==> flow/design.v <==
module alu_summer_blk (ck, RST, i_a, i_b, i_cin, o_result, o_carry_out);
   parameter DW = 48;
   parameter BLK = 2;
   input ck;
   input RST;
   input [DW-1:0] i_a;
   input [DW-1:0] i_b;
   input i_cin;
   output [DW-1:0] o_result;
   output o_carry_out;
   localparam SLICES = DW / BLK;
   wire [DW-1:0] t;
   wire [SLICES:0] cy;
   assign cy[0] = i_cin;
   genvar ii;
   generate
      for (ii = 0; ii < SLICES; ii = ii + 1) begin : stage
         wire [BLK:0] s0 = i_a[ii*BLK +: BLK] + i_b[ii*BLK +: BLK];
         wire [BLK:0] s1 = i_a[ii*BLK +: BLK] + i_b[ii*BLK +: BLK] + 1'b1;
         assign {cy[ii+1], t[ii*BLK +: BLK]} = cy[ii] ? s1 : s0;
      end
   endgenerate
   reg [DW-1:0] result_r;
   always @(posedge ck) begin
      if (RST) begin
         result_r <= 0;
      end else begin
         result_r <= t;
      end
   end
   assign o_result = result_r;
   reg carry_out_r;
   always @(posedge ck) begin
      if (RST) begin
         carry_out_r <= 1'b0;
      end else begin
         carry_out_r <= cy[SLICES];
      end
   end
   assign o_carry_out = carry_out_r;
endmodule
## Reports on alu_summer_blk

What the tools print for alu_summer_blk, step after step.
Line numbers count from 1 in the design file above.
Operators carry their Yosys type and port widths (W data, S select, Z words).
Cell names lack the library's common part.
The mark -- stands for no value.

| set-up | value |
|---|---|
| design top | alu_summer_blk |
| clock input | ck |
| standard-cell library | sky130hd |
| library corner | tt_025C_1v80 |

## Word-level counts

Source: Yosys, flattened and elaborated, memories not mapped. Widths are those after wreduce; folded enables and synchronous resets count as part of the registers. Registers that Yosys merges into a memory's read port (data or address) are not register bits. Print and check cells do not count. Equal cells are merged and count once.

| bit counts | value |
|---|---|
| bits of input ports | 99 |
| register bits | 49 |
| output and inout port bits | 49 |

| cells by class | value |
|---|---|
| mux-type cells | 24 |
| add/sub/neg operators | 48 |

Operator list:

| cell | count |
|---|---|
| $add A2 B2 Y3 | 24 |
| $add A3 B1 Y3 const B | 24 |
| $mux W3 | 24 |

## Depth

Yosys ltp: most cells in a row. Word level: on the elaborated netlist, between registers, memories and ports. Mapped: between sequential cells and ports; inverters and the memories' decode and read muxes count.

| logic depth | value |
|---|---|
| word-level depth | 26 |
| ABC_AREA | 0 |
| depth in mapped cells | 25 |
| mapped depth without buffers | 25 |

## Mapped cells and area

Source: synth_stat.txt of the flow (Yosys; design flattened, memories mapped). It holds for the ABC_AREA given above (unset counts as 0); a run with the other value may have another netlist.
The area totals of this step are shown rounded.

| synthesis totals | value |
|---|---|
| sequential area | 981 um^2 |
| cells in the netlist | 434 |
| buffers | 11 |
| flip-flops | 49 |
| synthesis area | 4,260 um^2 |

Cell types:

| cell type | count |
|---|---|
| dfxtp_1 | 49 |
| ha_1 | 48 |
| fa_1 | 24 |
| nor2_1 | 63 |
| mux2i_1 | 21 |
| xnor2_1 | 22 |
| xor2_1 | 19 |
| inv_1 | 30 |
| a311oi_4 | 3 |
| nand3b_1 | 9 |
| nand3_1 | 13 |
| nand4_1 | 10 |
| and2b_2 | 6 |
| nand2_1 | 14 |
| nand4b_1 | 6 |
| a31oi_1 | 7 |
| nor4_1 | 6 |
| mux2_1 | 3 |

Other cell types: 52; their cells: 81.

## Timing after synthesis

OpenSTA on the mapped netlist: ideal clock, no wires. The path of least setup slack (recovery checks aside). Input and output delay are each 20% of the period. Register names are those of the netlist, which keeps one name where synthesis merged equal registers.

| timing post-synthesis | value |
|---|---|
| path kind | in2reg |
| start | in i_a[0] |
| end | reg carry_out_r |
| path delay | 5.762 ns |
| setup time | 0.123 ns |
| stages on the path | 25 |
| period | 9.0 ns |
| setup slack | 1.437 ns |
| data arrival time | 7.439 ns |
| period reached after synthesis | 7.563 ns |

"path delay" is the arrival time less input delay plus setup time.
"stages on the path": output pins that drive a net of the path, with the launching flip-flop's if there is one; two outputs of one cell count as two.
"period reached after synthesis" = period - worst setup slack (recovery checks aside). The figure is calculated, with input and output delays left at 20% of the set period.
The rows between start and end are the longest chain of elaborated cells between them; the timing report does not say that the signal goes this way. Where chains are equally long, one stands for them.
A line is the first line of the expression or statement that the cell stems from. Yosys adds cells for indexed reads and writes and turns some case tables into memories.

| on the way, post-synthesis | value |
|---|---|
| cells stage by stage | ha_1 > inv_1 > fa_1 > inv_1 > ha_1 > a21bo_2 > a311o_1 > a2111o_1 > a32o_2 > a311oi_4 > nor3_1 > a311oi_4 > a21bo_2 > a311oi_2 > nor3_1 > a311oi_4 > a21boi_2 > nor3_2 > o41a_2 > nor3_4 > o21ai_2 > nand4b_4 > mux2i_2 > mux2i_1 > mux2_1 |
| cells in the longest elaborated chain | 26 |

RTL lines, path post-synthesis:

| element | RTL line | source |
|---|---|---|
| start, declared | 6 | `input [DW-1:0] i_a;` |
| $add A2 B2 Y3 | 19 | `wire [BLK:0] s1 = i_a[ii*BLK +: BLK] + i_b[ii*BLK +: BLK] + 1'b1;` |
| $add A3 B1 Y3 | 19 |  |
| $mux W3 (24 in a row) | 20 | `assign {cy[ii+1], t[ii*BLK +: BLK]} = cy[ii] ? s1 : s0;` |
| end, assigned | 35 | `carry_out_r <= 1'b0;` |
| end, assigned | 37 | `carry_out_r <= cy[SLICES];` |
| end, declared | 32 | `reg carry_out_r;` |

## Timing after layout

From the final timing report of stored run 1: the path of least setup slack in the routed layout; clock arrival at registers is part of the times.

| timing after layout | value |
|---|---|
| path kind | in2reg |
| start | in i_a[2] |
| end | reg carry_out_r |
| setup slack | 0.26 ns |
| data arrival time | 7.52 ns |
| stages on the path | 27 |
| period | 7.57 ns |
| setup time | 0.10 ns |

The rows between start and end are the longest chain of elaborated cells between them; the timing report does not say that the signal goes this way. Where chains are equally long, one stands for them.

| on the way, after layout | value |
|---|---|
| cells stage by stage | clkdlybuf4s50_1 > ha_1 > inv_1 > fa_1 > inv_1 > ha_2 > a311o_1 > a2111o_1 > a32oi_4 > buf_6 > nor4_4 > nor3_1 > a311oi_4 > buf_4 > a21o_4 > a311oi_4 > nor3_2 > a311oi_4 > a21boi_4 > nor3_4 > o41a_2 > nor3_4 > o21ai_2 > nand4b_4 > mux2i_4 > mux2i_1 > mux2_1 |
| cells in the longest elaborated chain | 25 |

RTL lines, path after layout:

| element | RTL line | source |
|---|---|---|
| start, declared | 6 | `input [DW-1:0] i_a;` |
| $add A2 B2 Y3 | 19 | `wire [BLK:0] s1 = i_a[ii*BLK +: BLK] + i_b[ii*BLK +: BLK] + 1'b1;` |
| $add A3 B1 Y3 | 19 |  |
| $mux W3 (23 in a row) | 20 | `assign {cy[ii+1], t[ii*BLK +: BLK]} = cy[ii] ? s1 : s0;` |
| end, assigned | 35 | `carry_out_r <= 1'b0;` |
| end, assigned | 37 | `carry_out_r <= cy[SLICES];` |
| end, declared | 32 | `reg carry_out_r;` |

==> results <==
Measured data: module alu_summer_blk, platform sky130hd, 3 stored runs of the flow under differing settings, order arbitrary. Input and output delays are each 20% of the period that was set; the output load is 0.01 pF.
"worst setup path time" = time allowed to the worst setup path (clock period - input delay - output delay, where it has them) - its slack; a late launch clock adds to it, a late capture clock takes from it.
The measured numbers are rounded.

#### Stored run 1

| setting | value |
|---|---|
| period_ns | `7.57` |
| CORE_UTILIZATION | `42` |
| PLACE_DENSITY_LB_ADDON | `0.05` |
| HOLD_SLACK_MARGIN | `0.05` |
| TNS_END_PERCENT | `65` |
| ABC_AREA | `0` |
| GPL_ROUTABILITY_DRIVEN | `1` |
| CTS_CLUSTER_DIAMETER | `152` |
| SLEW_MARGIN | `10` |
| MAX_ROUTING_LAYER | `met4` |
| CAP_MARGIN | `20` |
| CORE_MARGIN | `2` |

| result | value |
|---|---|
| area of the standard cells in the finished layout | 6,240 um^2 |
| netlist area reported by Yosys | 4,260 um^2 |
| final setup TNS | 0.000 ns |
| post-route worst hold slack | 1.63 ns |
| worst setup slack after layout | 0.255 ns |
| full die area | 11,000 um^2 |
| worst setup path time | 5.80 ns |
| critical path kind | in2reg |

#### Stored run 2

| setting | value |
|---|---|
| period_ns | `9.0` |
| CAP_MARGIN | `20` |
| CORE_MARGIN | `2` |
| CORE_UTILIZATION | `40` |
| SLEW_MARGIN | `20` |

| result | value |
|---|---|
| area of the standard cells in the finished layout | 5,910 um^2 |
| netlist area reported by Yosys | 4,260 um^2 |
| final setup TNS | 0.000 ns |
| post-route worst hold slack | 2.13 ns |
| worst setup slack after layout | 0.833 ns |
| full die area | 11,500 um^2 |
| worst setup path time | 6.37 ns |
| critical path kind | in2reg |

#### Stored run 3

| setting | value |
|---|---|
| period_ns | `12.8` |
| CORE_UTILIZATION | `45` |
| PLACE_DENSITY | `0.43` |
| CELL_PAD_IN_SITES_GLOBAL_PLACEMENT | `2` |
| TNS_END_PERCENT | `45` |
| ABC_AREA | `1` |
| GPL_ROUTABILITY_DRIVEN | `1` |
| SLEW_MARGIN | `15` |
| CAP_MARGIN | `20` |
| CORE_MARGIN | `2` |

Unfinished; error GPL-0301 in placement.
